==> flow/design.v <==
module gen_sh_core_v2 #(
  parameter XLEN = 128,
  parameter SEL_W = $clog2(XLEN)
) (
  input  wire clk_i,
  input  wire [XLEN-1:0] ch_i,
  input  wire [SEL_W-1:0] n_i,
  output reg [XLEN-1:0] res_o
);
  reg [XLEN-1:0] t;
  integer k;
  always @* begin
    t = ch_i;
    for (k = 0; k < SEL_W; k = k + 1)
      if (n_i[k]) t = t << (1 << k);
  end
  always @(posedge clk_i)
    res_o <= t;
endmodule
**Step by step through the tools: gen_sh_core_v2**

What the tools print for gen_sh_core_v2, step after step.
Line numbers count from 1 in the design file above.
Operators carry their Yosys type and port widths (W data, S select, Z words).
Cell names lack the library's common part.
A cell with n/a has no value.

- Design top: gen_sh_core_v2
- Clock: clk_i
- Cell library: sky130hd
- Library corner: tt_025C_1v80

**Elaborated design**

Source: Yosys, flattened and elaborated, memories not mapped. Widths are those after wreduce. Registers that Yosys merges into a memory's read port (data or address) are not register bits. Print and check cells do not count. Equal cells are merged and count once.

- Bits in latches: 0
- Word width x clocked read ports: 0
- Memory bits (read-only): 0
- Bits of input ports: 136
- Elaborated cells: 9
- Output and inout bits: 128
- Memories kept: 0
- Flip-flop bits (word level): 128
- Memory bits (writable): 0

- Bitwise logic cells: 0
- Reductions and logical operators: 0
- Equality and inequality tests: 0
- Multipliers: 0
- Add/subtract/negate cells: 0
- Div/mod/pow operators: 0
- Multiplexer cells: 7
- $lt $le $gt $ge: 0
- Shift operators: 0

Operators with widths:

| kind | count |
|---|---|
| $mux W128 | 7 |

**Depth**

Yosys ltp: most cells in a row. Word level: on the elaborated netlist, between registers, memories and ports. Mapped: between sequential cells and ports; inverters and the memories' decode and read muxes count.

- Depth after elaboration: 7
- ABC_AREA: 0
- Mapped depth: 12
- Mapped depth without buffers: 6

**Mapped cells and area**

Yosys stat after the flow's synthesis: flattened, memories mapped to cells. It holds for the ABC_AREA given above (unset counts as 0); a run with the other value may have another netlist.
Totals and module areas in this step are rounded.

Cells by type:

| type | count | total area (um2) |
|---|---|---|
| dfxtp_1 | 128 | 2.56E+03 |
| mux4_2 | 82 | 1.85E+03 |
| mux2i_1 | 153 | 1.53E+03 |
| mux2_2 | 97 | 1.09E+03 |
| nor2_1 | 156 | 585.562 |
| nand2_1 | 155 | 581.808 |
| o22ai_1 | 86 | 538.016 |
| a22oi_1 | 66 | 495.475 |
| clkbuf_1 | 83 | 311.549 |
| a211oi_1 | 41 | 307.795 |
| o21ai_0 | 46 | 230.221 |
| a21oi_1 | 44 | 220.211 |
| o211ai_1 | 29 | 217.709 |
| buf_6 | 16 | 180.173 |
| o221ai_1 | 20 | 175.168 |
| nand3_1 | 30 | 150.144 |
| mux2_1 | 12 | 135.13 |
| a2bb2oi_1 | 15 | 131.376 |

Other cell types: 57; their cells: 277.

- Synthesis area: 0.0133 mm2
- Flip-flop cells: 128
- Sequential area: 0.00256 mm2
- Buffers: 146
- Cell count: 1536

**Path before layout**

Source: OpenSTA report_checks on the synthesized netlist (no wires, ideal clock, input and output delay 20% of the period each), path of least setup slack; recovery checks are left aside. Register names are those of the netlist, which keeps one name where synthesis merged equal registers.

- Path kind: input to register
- Start point: in n_i[0]
- End point: reg res_o[126]
- Launch time at the first pin: 662 ps
- Delay of the path: 2121 ps
- Slack: 527 ps
- Input delay: 662 ps
- Library setup time: 127 ps
- Arrival time: 2656 ps
- Period: 3310 ps
- Data required time: 3183 ps
- Stages on the path: 10
- Path buffers: 4
- Synthesis period reached: 2783 ps

"delay of the path" = arrival - input delay + setup time.
"stages on the path": output pins that drive a net of the path, with the launching flip-flop's if there is one; two outputs of one cell count as two.
"synthesis period reached" = period - worst setup slack (recovery checks aside). The figure is calculated, with input and output delays left at 20% of the set period.
Between the ends stands the longest chain of elaborated cells between them, by number of cells; it is not shown to be the way that was timed. Of several equally long chains one is given.
A line is the first line of the expression or statement that the cell stems from. Yosys adds cells for indexed reads and writes and turns some case tables into memories.

- Cells stage by stage: buf_6 > buf_6 > buf_6 > buf_2 > mux2_1 > mux4_2 > a22oi_1 > o21ai_1 > nor4_1 > o21ai_1
- Cells in the longest elaborated chain: 7
- Elaborated cells between the ends (all ways): 7
- RTL lines with such cells: 1
- Those cells by class: 7 x mux

RTL lines, path post-synthesis:

| element | line | RTL |
|---|---|---|
| start, declared | 7 | `input  wire [SEL_W-1:0] n_i,` |
| $mux W128 x7 | 15 | `if (n_i[k]) t = t << (1 << k);` |
| end, assigned | 18 | `res_o <= t;` |
| end, declared | 8 | `output reg [XLEN-1:0] res_o` |

**Worst path after layout**

From the final timing report of flow run A: the path of least setup slack in the routed layout; clock arrival at registers is part of the times.
The report prints the path's times to 10 ps; the period is as set.

- Path kind: input to register
- Start point: in n_i[5]
- End point: reg res_o[113]
- Path buffers: 2
- Data required time: 4190 ps
- Period: 3830 ps
- Library setup time: 70 ps
- Arrival time: 3100 ps
- Stages on the path: 8
- Slack: 1090 ps
- Launch time at the first pin: 770 ps
- Input delay: 770 ps

Between the ends stands the longest chain of elaborated cells between them, by number of cells; it is not shown to be the way that was timed. Of several equally long chains one is given.

- Cells stage by stage: buf_2 > clkinv_1 > nor2_1 > nand2_1 > o22ai_1 > a2111oi_2 > buf_4 > o21ai_1
- Cells in the longest elaborated chain: 2
- Elaborated cells between the ends (all ways): 2
- RTL lines with such cells: 1
- Those cells by class: 2 x mux

RTL lines, path after layout:

| element | line | RTL |
|---|---|---|
| start, declared | 7 | `input  wire [SEL_W-1:0] n_i,` |
| $mux W128 x2 | 15 | `if (n_i[k]) t = t << (1 << k);` |
| end, assigned | 18 | `res_o <= t;` |
| end, declared | 8 | `output reg [XLEN-1:0] res_o` |

Flow measurements of gen_sh_core_v2 on sky130hd: 3 stored runs with different settings, listed in no order. Input and output delays are each 20% of the period that was set; the output load is 0.01 pF.
By "achieved clock period" is meant the clock period of the run minus its worst setup slack. This is arithmetic on one report: input and output delays are still those of the set period (20% each).
"critical path time": the worst setup path's part of the clock period (all of it between registers, 20% less for each end at a port) less its slack. A launch clock that arrives late makes it longer, a capture clock that arrives late makes it shorter.
"total power after layout" rests on the timing tool's default activity at the inputs, not on a simulated workload.
"critical path time" is known to 10 ps.
The results are shown rounded.
A setting shown as -- is not set for that run.

| name | flow run A | flow run B | flow run C |
|---|---|---|---|
| period_ns | 3.83 | 3.6 | 3.31 |
| CORE_UTILIZATION | 36 | 51 | 40 |
| SETUP_SLACK_MARGIN | 1.14 | -- | -- |
| PLACE_DENSITY | 0.52 | -- | -- |
| CORE_ASPECT_RATIO | 1.93 | -- | -- |
| CORE_MARGIN | 10 | 2 | 2 |
| CELL_PAD_IN_SITES_GLOBAL_PLACEMENT | 2 | -- | -- |
| ABC_AREA | 0 | -- | -- |
| CTS_CLUSTER_SIZE | 48 | 69 | -- |
| CTS_CLUSTER_DIAMETER | 62 | 143 | -- |
| CAP_MARGIN | 0 | 0 | 20 |
| SLEW_MARGIN | 20 | 20 | 20 |
| PLACE_DENSITY_LB_ADDON | -- | 0.1 | -- |
| TNS_END_PERCENT | -- | 10 | -- |
| achieved clock period (ps) | 2740 | 3377 | 3264 |
| setup slack of the worst path (ps) | 1090 | 223 | 46 |
| critical path time (ps) | 1970 | 2660 | 2600 |
| critical path type | input to register | input to register | input to register |
| final setup TNS (ps) | 0 | 0 | 0 |
| post-synthesis cell area (mm2) | 0.0133 | 0.0133 | 0.0133 |
| utilization (%) | 51.9 | 67.5 | 57.8 |
| total power after layout (µW) | 6360 | 6570 | 7560 |
| overall die area (mm2) | 0.0454 | 0.0273 | 0.0347 |
| standard-cell area of the final layout (mm2) | 0.0189 | 0.0175 | 0.0188 |
| worst hold slack in the final report (ps) | 740 | 729 | 725 |
